==> flow/design.v <==
module cpu_sel_unit_mod #(
    parameter NBITS = 10
) (
    input wire aclk,
    input wire rst_ni,
    input wire [NBITS-1:0] i_src0,
    input wire [NBITS-1:0] i_src1,
    input wire [NBITS-1:0] i_src2,
    input wire [NBITS-1:0] i_src3,
    input wire [2:0] i_s,
    output reg [NBITS-1:0] o_o
);
    reg [NBITS-1:0] work;
    always @(*) begin
        casez (i_s)
            3'b??1: work = i_src0;
            3'b?10: work = i_src1;
            3'b100: work = i_src2;
            default: work = i_src3;
        endcase
    end
    always @(posedge aclk or negedge rst_ni) begin
        if (!rst_ni) begin
            o_o <= 0;
        end else begin
            o_o <= work;
        end
    end
endmodule
### From RTL to reports: cpu_sel_unit_mod

What the tools print for cpu_sel_unit_mod, step after step.
Lines are those of the file above, counted from 1.
A cell with -- has no value.

| inputs | value |
|---|---|
| top module | cpu_sel_unit_mod |
| clock port | aclk |
| cell library | sky130hd |
| corner | tt_025C_1v80 |

### Word-level counts

Source: Yosys, flattened and elaborated, memories not mapped. Widths are those after wreduce; folded enables and synchronous resets count as part of the registers. Registers that Yosys merges into a memory's read port (data or address) are not register bits. Print and check cells do not count. Equal cells are merged and count once.

| operators by class | value |
|---|---|
| equal/unequal tests | 2 |
| mux-type cells | 1 |

Operator list:

| operator | count |
|---|---|
| 10-bit case mux with 3-bit select | 1 |
| 3-bit equality test (second input constant) | 1 |
| 2-bit equality test (second input constant) | 1 |

| bit counts | value |
|---|---|
| bits in registers | 10 |
| bits of input ports | 45 |
| cells after elaboration | 4 |

### Longest topological paths

Longest topological path by Yosys (ltp), each cell counted once; first at word level (registers and memories cut), then after technology mapping (sequential cells cut; the memories' decode and read muxes count).

| logic depth | value |
|---|---|
| depth in word-level cells | 2 |
| ABC_AREA | 0 |
| gate-level depth with buffers | 4 |
| gate-level depth less buffers | 3 |

### Synthesis result

The flow's flattened synthesis, as Yosys stat reports it; memories are mapped. The netlist is that of the ABC_AREA named above (0 if unset); the other value can give another one.

| synthesis totals | value |
|---|---|
| cells in the netlist | 77 |
| cell area after synthesis | 590.6 um2 |
| area of sequential cells | 250.2 um2 |
| mapped flip-flops | 10 |

Cell types:

| type | count |
|---|---|
| sky130_fd_sc_hd__dfrtp_1 | 10 |
| sky130_fd_sc_hd__a221o_1 | 10 |
| sky130_fd_sc_hd__nor2_1 | 20 |
| sky130_fd_sc_hd__a21oi_1 | 10 |
| sky130_fd_sc_hd__inv_2 | 10 |
| sky130_fd_sc_hd__nand2_1 | 10 |
| sky130_fd_sc_hd__buf_2 | 3 |
| sky130_fd_sc_hd__buf_6 | 1 |
| sky130_fd_sc_hd__clkbuf_1 | 2 |
| sky130_fd_sc_hd__or3_1 | 1 |

### Worst setup path after synthesis

OpenSTA on the mapped netlist: ideal clock, no wires. The path of least setup slack (recovery checks aside). Input and output delay are each 20% of the period. Register names are those of the netlist, which keeps one name where synthesis merged equal registers.

| timing path post-synthesis | value |
|---|---|
| kind | input -> register |
| start point | input port i_s[0] |
| end point | register o_o[0] |
| period | 1.17 ns |
| setup time | 0.120 ns |
| launch time at the first pin | 0.234 ns |
| arrival | 0.862 ns |
| data required time | 1.050 ns |
| setup slack | 0.187 ns |
| path delay | 0.748 ns |
| stages | 4 |
| path buffers | 1 |
| period reached after synthesis | 0.983 ns |

"path delay" is the arrival time less input delay plus setup time.
"stages": output pins that drive a net of the path, with the launching flip-flop's if there is one; two outputs of one cell count as two.
"period reached after synthesis" is the clock period less the worst setup slack; recovery checks do not enter. This is arithmetic on one report: input and output delays are still those of the set period (20% each).
The rows between start and end are the longest chain of elaborated cells between them; the timing report does not say that the signal goes this way. Where chains are equally long, one stands for them.
Each line given opens the expression or statement behind the cell; cells for indexed reads and writes are added by Yosys, which also makes memories of some case tables.

| on the way, post-synthesis | value |
|---|---|
| path through | sky130_fd_sc_hd__or3_1 sky130_fd_sc_hd__buf_2 sky130_fd_sc_hd__nor2_1 sky130_fd_sc_hd__a21oi_1 |
| length of the longest elaborated chain | 2 |
| elaborated cells on any way between the ends | 3 |
| source lines of those cells | 1 |
| those cells by class | eq/ne: 2; mux: 1 |

RTL lines, path post-synthesis:

| element | line | text |
|---|---|---|
| start, declared | 10 | `input wire [2:0] i_s,` |
| 3-bit equality test | 15 | `casez (i_s)` |
| 10-bit case mux with 3-bit select | 15 |  |
| end, assigned | 24 | `o_o <= 0;` |
| end, assigned | 26 | `o_o <= work;` |
| end, declared | 11 | `output reg [NBITS-1:0] o_o` |

### Timing after layout

Path of least setup slack in the final report of run 1 (OpenROAD, finished layout, wires in). Where an end is a register, its clock arrival counts in the times.

| timing path post-layout | value |
|---|---|
| kind | input -> register |
| start point | input port i_src2[4] |
| end point | register o_o[4] |
| period | 1.17 ns |
| setup time | 0.10 ns |
| launch time at the first pin | 0.23 ns |
| arrival | 1.34 ns |
| data required time | 1.33 ns |
| setup slack | -0.01 ns |
| stages | 4 |
| path buffers | 1 |

The rows between start and end are the longest chain of elaborated cells between them; the timing report does not say that the signal goes this way. Where chains are equally long, one stands for them.

| on the way, post-layout | value |
|---|---|
| path through | sky130_fd_sc_hd__clkdlybuf4s50_1 sky130_fd_sc_hd__nor2_1 sky130_fd_sc_hd__a221o_1 sky130_fd_sc_hd__a21oi_1 |
| length of the longest elaborated chain | 1 |
| elaborated cells on any way between the ends | 1 |
| source lines of those cells | 1 |
| those cells by class | mux: 1 |

RTL lines, path post-layout:

| element | line | text |
|---|---|---|
| start, declared | 8 | `input wire [NBITS-1:0] i_src2,` |
| 10-bit case mux with 3-bit select | 15 | `casez (i_s)` |
| end, assigned | 24 | `o_o <= 0;` |
| end, assigned | 26 | `o_o <= work;` |
| end, declared | 11 | `output reg [NBITS-1:0] o_o` |

Lab notebook: cpu_sel_unit_mod

Below are 3 stored runs of the flow (Yosys, OpenROAD; platform sky130hd) on cpu_sel_unit_mod, each with its settings and what was measured, unordered. Constraints: input delay and output delay 20% of the set period each, output load 0.01 pF.
"clock period achieved" = clock period - worst setup slack. The figure is calculated, with input and output delays left at 20% of the set period.
"total power after layout": no workload was simulated; the value follows from the tool's default switching activity.

#### Run 1

| setting | value |
|---|---|
| period_ns | `1.17` |
| CAP_MARGIN | `20` |
| CORE_MARGIN | `2` |
| CORE_UTILIZATION | `40` |
| SLEW_MARGIN | `20` |

| result | value |
|---|---|
| synthesized cell area | 590.6 um2 |
| die footprint | 1799.9 um2 |
| post-layout utilization | 0.914 |
| worst slack on setup checks | -0.010 ns |
| setup total negative slack | -0.012 ns |
| total power after layout | 0.9827 mW |
| clock period achieved | 1.180 ns |

#### Run 2

| setting | value |
|---|---|
| period_ns | `0.88` |
| CORE_UTILIZATION | `40` |
| PLACE_DENSITY_LB_ADDON | `0.01` |
| CELL_PAD_IN_SITES_GLOBAL_PLACEMENT | `2` |
| ABC_AREA | `1` |
| CTS_CLUSTER_SIZE | `60` |
| CAP_MARGIN | `40` |
| SLEW_MARGIN | `5` |
| CORE_MARGIN | `2` |

Not finished: placement ended with error FLW-0024.

#### Run 3

| setting | value |
|---|---|
| period_ns | `0.81` |
| CORE_UTILIZATION | `59` |
| SETUP_SLACK_MARGIN | `0.04` |
| PLACE_DENSITY_LB_ADDON | `0.18` |
| CORE_ASPECT_RATIO | `0.53` |
| ABC_AREA | `1` |
| CTS_CLUSTER_SIZE | `65` |
| CAP_MARGIN | `25` |
| CORE_MARGIN | `2` |
| SLEW_MARGIN | `20` |

Not finished: floorplanning ended with error PDN-0185.
